==> flow/design.v <==
module ex_scratch #(
    parameter D = 10,
    parameter DATA_WIDTH = 16,
    parameter RPORTS = 1,
    parameter WPORTS = 6,
    parameter ADDR_W = $clog2(D)
) (
    input logic ck,
    input logic [WPORTS-1:0] load_in,
    input logic [WPORTS*ADDR_W-1:0] wr_addr_in,
    input logic [WPORTS*DATA_WIDTH-1:0] din_in,
    input logic [RPORTS*ADDR_W-1:0] raddr_in,
    output logic [RPORTS*DATA_WIDTH-1:0] rd_out
);
    logic [DATA_WIDTH-1:0] store [0:D-1];
    always_ff @(posedge ck) begin
        for (int k = 0; k < WPORTS; k++)
            if (load_in[k]) store[wr_addr_in[k*ADDR_W +: ADDR_W]] <= din_in[k*DATA_WIDTH +: DATA_WIDTH];
    end
    logic [RPORTS*DATA_WIDTH-1:0] val;
    for (genvar gj = 0; gj < RPORTS; gj++) begin : row
        assign val[gj*DATA_WIDTH +: DATA_WIDTH] = store[raddr_in[gj*ADDR_W +: ADDR_W]];
    end
    always_ff @(posedge ck)
        rd_out <= val;
endmodule
# Tool chain data of ex_scratch
# What the tools print for ex_scratch, step after step.
# Line numbers count from 1 in the design file above.
# Not given: -
# setup
design	ex_scratch
clock_port	ck
lib	sky130hd
pvt_corner	tt_025C_1v80

# Word-level counts
# Source: Yosys, flattened and elaborated, memories not mapped. Widths are those after wreduce; folded enables and synchronous resets count as part of the registers. Registers that Yosys merges into a memory's read port (data or address) are not register bits. Print and check cells do not count. Equal cells are merged and count once.
# Yosys's memory passes give these memory sizes; they may raise the number of words (mostly to a power of two), join words into wider ones and drop unused or constant bits.
# classes
n_addsub	0
multipliers	0
div_mod_pow	0
n_cmp	0
n_eq	0
n_shift	0
n_mux	18
bitwise	0
reduce_and_logical	0
# op_table
operator	n
2-to-1 mux 16 bit	6
2-to-1 mux 4 bit	6
2-to-1 mux 1 bit	6
# word_totals
reg_bits	0
latch_bits	0
ramBits	160
mem_bits_ro	0
clocked_rd_ports_x_width	16
n_memories	1
input_bits	131
out_inout_bits	16
wordCells	19
# memory_table
memory	size	width	read_ports	write_ports	line_no	text
store	10	16	1	6	15	logic [DATA_WIDTH-1:0] store [0:D-1];

# Depth
# Yosys ltp: most cells in a row. Word level: on the elaborated netlist, between registers, memories and ports. Mapped: between sequential cells and ports; inverters and the memories' decode and read muxes count.
# depth
depth_word	1
ABC_AREA	0
ltp_mapped	7
mapped_depth_nobuf	4

# Netlist
# The flow's flattened synthesis, as Yosys stat reports it; memories are mapped. The netlist is that of the ABC_AREA named above (0 if unset); the other value can give another one.
# Totals and module areas in this step are rounded.
# synth_totals
cell_count	1880
synth_area_mm2	0.01581
seq_area_mm2	0.005125
ffs	176
buffers	285
# types
type	n	area_total_um2
sky130_fd_sc_hd__edfxtp_1	160	4.8E+03
sky130_fd_sc_hd__o22ai_1	198	1.24E+03
sky130_fd_sc_hd__a31oi_1	131	819.536
sky130_fd_sc_hd__mux4_2	32	720.691
sky130_fd_sc_hd__nand2_1	167	626.851
sky130_fd_sc_hd__clkbuf_1	162	608.083
sky130_fd_sc_hd__a21boi_0	66	495.475
sky130_fd_sc_hd__o21ai_0	86	430.413
sky130_fd_sc_hd__a32oi_1	47	411.645
sky130_fd_sc_hd__nor3_1	82	410.394
sky130_fd_sc_hd__a211o_1	43	376.611
sky130_fd_sc_hd__or3_1	55	344.08
sky130_fd_sc_hd__buf_2	68	340.326
sky130_fd_sc_hd__dfxtp_1	16	320.307
sky130_fd_sc_hd__o211ai_1	40	300.288
sky130_fd_sc_hd__nand3_1	58	290.278
sky130_fd_sc_hd__a311o_1	28	280.269
sky130_fd_sc_hd__a21oi_1	52	260.25
# Other cell types: 47; their cells: 389.

# Path before layout
# OpenSTA on the mapped netlist: ideal clock, no wires. The path of least setup slack (recovery checks aside). Input and output delay are each 20% of the period. Register names are those of the netlist, which keeps one name where synthesis merged equal registers.
# synth_path
path_kind	input to register
startpoint	input port wr_addr_in[16]
endpoint	memory store[5][0]
tclk_ps	2970
in_delay_ps	594
setup_ps	451
launch_ps	594
t_arrival_ps	2042
required_time_ps	2519
path_slack_ps	477
delay_ps	1899
stages	5
path_buffers	2
period_less_setup_slack_ps	2493
# "delay_ps" = arrival - input delay + setup time.
# "stages" counts driving pins, that of a launching flip-flop among them; a cell with two outputs on the path counts twice.
# "period_less_setup_slack_ps" = period - worst setup slack (recovery checks aside). The figure is calculated, with input and output delays left at 20% of the set period.
# The rows between start and end are the longest chain of elaborated cells between them; the timing report does not say that the signal goes this way. Where chains are equally long, one stands for them.
# A line is the first line of the expression or statement that the cell stems from. Yosys adds cells for indexed reads and writes and turns some case tables into memories.
# synth_via
cell_sequence	sky130_fd_sc_hd__nor2b_1 sky130_fd_sc_hd__buf_2 sky130_fd_sc_hd__a21oi_1 sky130_fd_sc_hd__clkbuf_1 sky130_fd_sc_hd__nand4_1
elab_chain_cells	1
cells_between	1
cone_lines	1
classes_between	mux (1)
# synth_lines
element	line_no	text
from (decl)	10	input logic [WPORTS*ADDR_W-1:0] wr_addr_in,
2-to-1 mux 4 bit	18	if (load_in[k]) store[wr_addr_in[k*ADDR_W +: ADDR_W]] <= din_in[k*DATA_WIDTH +: DATA_WIDTH];
to (decl)	15	logic [DATA_WIDTH-1:0] store [0:D-1];

# Path in the finished layout
# From the final timing report of run 1: the path of least setup slack in the routed layout; clock arrival at registers is part of the times.
# The report prints the path's times to 10 ps; the period is as set.
# layout_path
path_kind	input to register
startpoint	input port wr_addr_in[5]
endpoint	memory store[7][8]
tclk_ps	2040
in_delay_ps	410
setup_ps	250
launch_ps	410
t_arrival_ps	1990
required_time_ps	2230
path_slack_ps	240
stages	10
path_buffers	6
# The rows between start and end are the longest chain of elaborated cells between them; the timing report does not say that the signal goes this way. Where chains are equally long, one stands for them.
# layout_via
cell_sequence	sky130_fd_sc_hd__buf_6 sky130_fd_sc_hd__buf_6 sky130_fd_sc_hd__buf_12 sky130_fd_sc_hd__and2_4 sky130_fd_sc_hd__buf_12 sky130_fd_sc_hd__buf_12 sky130_fd_sc_hd__and3_1 sky130_fd_sc_hd__a2111oi_4 sky130_fd_sc_hd__buf_4 sky130_fd_sc_hd__o31ai_4
elab_chain_cells	1
cells_between	1
cone_lines	1
classes_between	mux (1)
# layout_lines
element	line_no	text
from (decl)	10	input logic [WPORTS*ADDR_W-1:0] wr_addr_in,
2-to-1 mux 4 bit	18	if (load_in[k]) store[wr_addr_in[k*ADDR_W +: ADDR_W]] <= din_in[k*DATA_WIDTH +: DATA_WIDTH];
to (decl)	15	logic [DATA_WIDTH-1:0] store [0:D-1];

# ex_scratch through Yosys and OpenROAD on sky130hd: 3 stored runs, unordered, with their settings and measured results. The constraints put input and output delay at 20% of the set period each and load the outputs with 0.01 pF.
# By "achievedPeriod_ps" is meant the clock period of the run minus its worst setup slack. This is arithmetic on one report: input and output delays are still those of the set period (20% each).
# "worst_path_time_ps": the worst setup path's part of the clock period (all of it between registers, 20% less for each end at a port) less its slack. A launch clock that arrives late makes it longer, a capture clock that arrives late makes it shorter.
# "worst_path_time_ps" is known to 10 ps.
# The measured numbers are rounded.
# Settings: . = not set for that run.
# Results: . = not shown.
stored run	period_ns	CORE_UTILIZATION	SETUP_SLACK_MARGIN	CELL_PAD_IN_SITES_GLOBAL_PLACEMENT	CTS_CLUSTER_DIAMETER	SLEW_MARGIN	CAP_MARGIN	CORE_MARGIN	PLACE_DENSITY_LB_ADDON	HOLD_SLACK_MARGIN	CORE_ASPECT_RATIO	GPL_ROUTABILITY_DRIVEN	MAX_ROUTING_LAYER	worst_path_time_ps	timing.worst_path_kind	final_setup_tns_ps	fin_ws_ps	die_area_mm2	achievedPeriod_ps	layout_stdcell_area_mm2	hold_ws_ps	synth_area_mm2
run 1	2.04	35	0.32	3	261	35	20	2	.	.	.	.	.	1390	input to register	0	238	0.04687	1802	0.02528	537	0.01581
run 2	2.97	40	.	.	.	20	20	2	.	.	.	.	.	2270	input to register	0	104	0.04112	2866	0.01968	547	0.01581
run 3	1.61	47	0.11	.	.	15	20	2	0.29	-0.02	1.69	1	met5	.	.	.	.	.	.	.	.	.
# Run 3: stopped before the end: routing reported GRT-0232
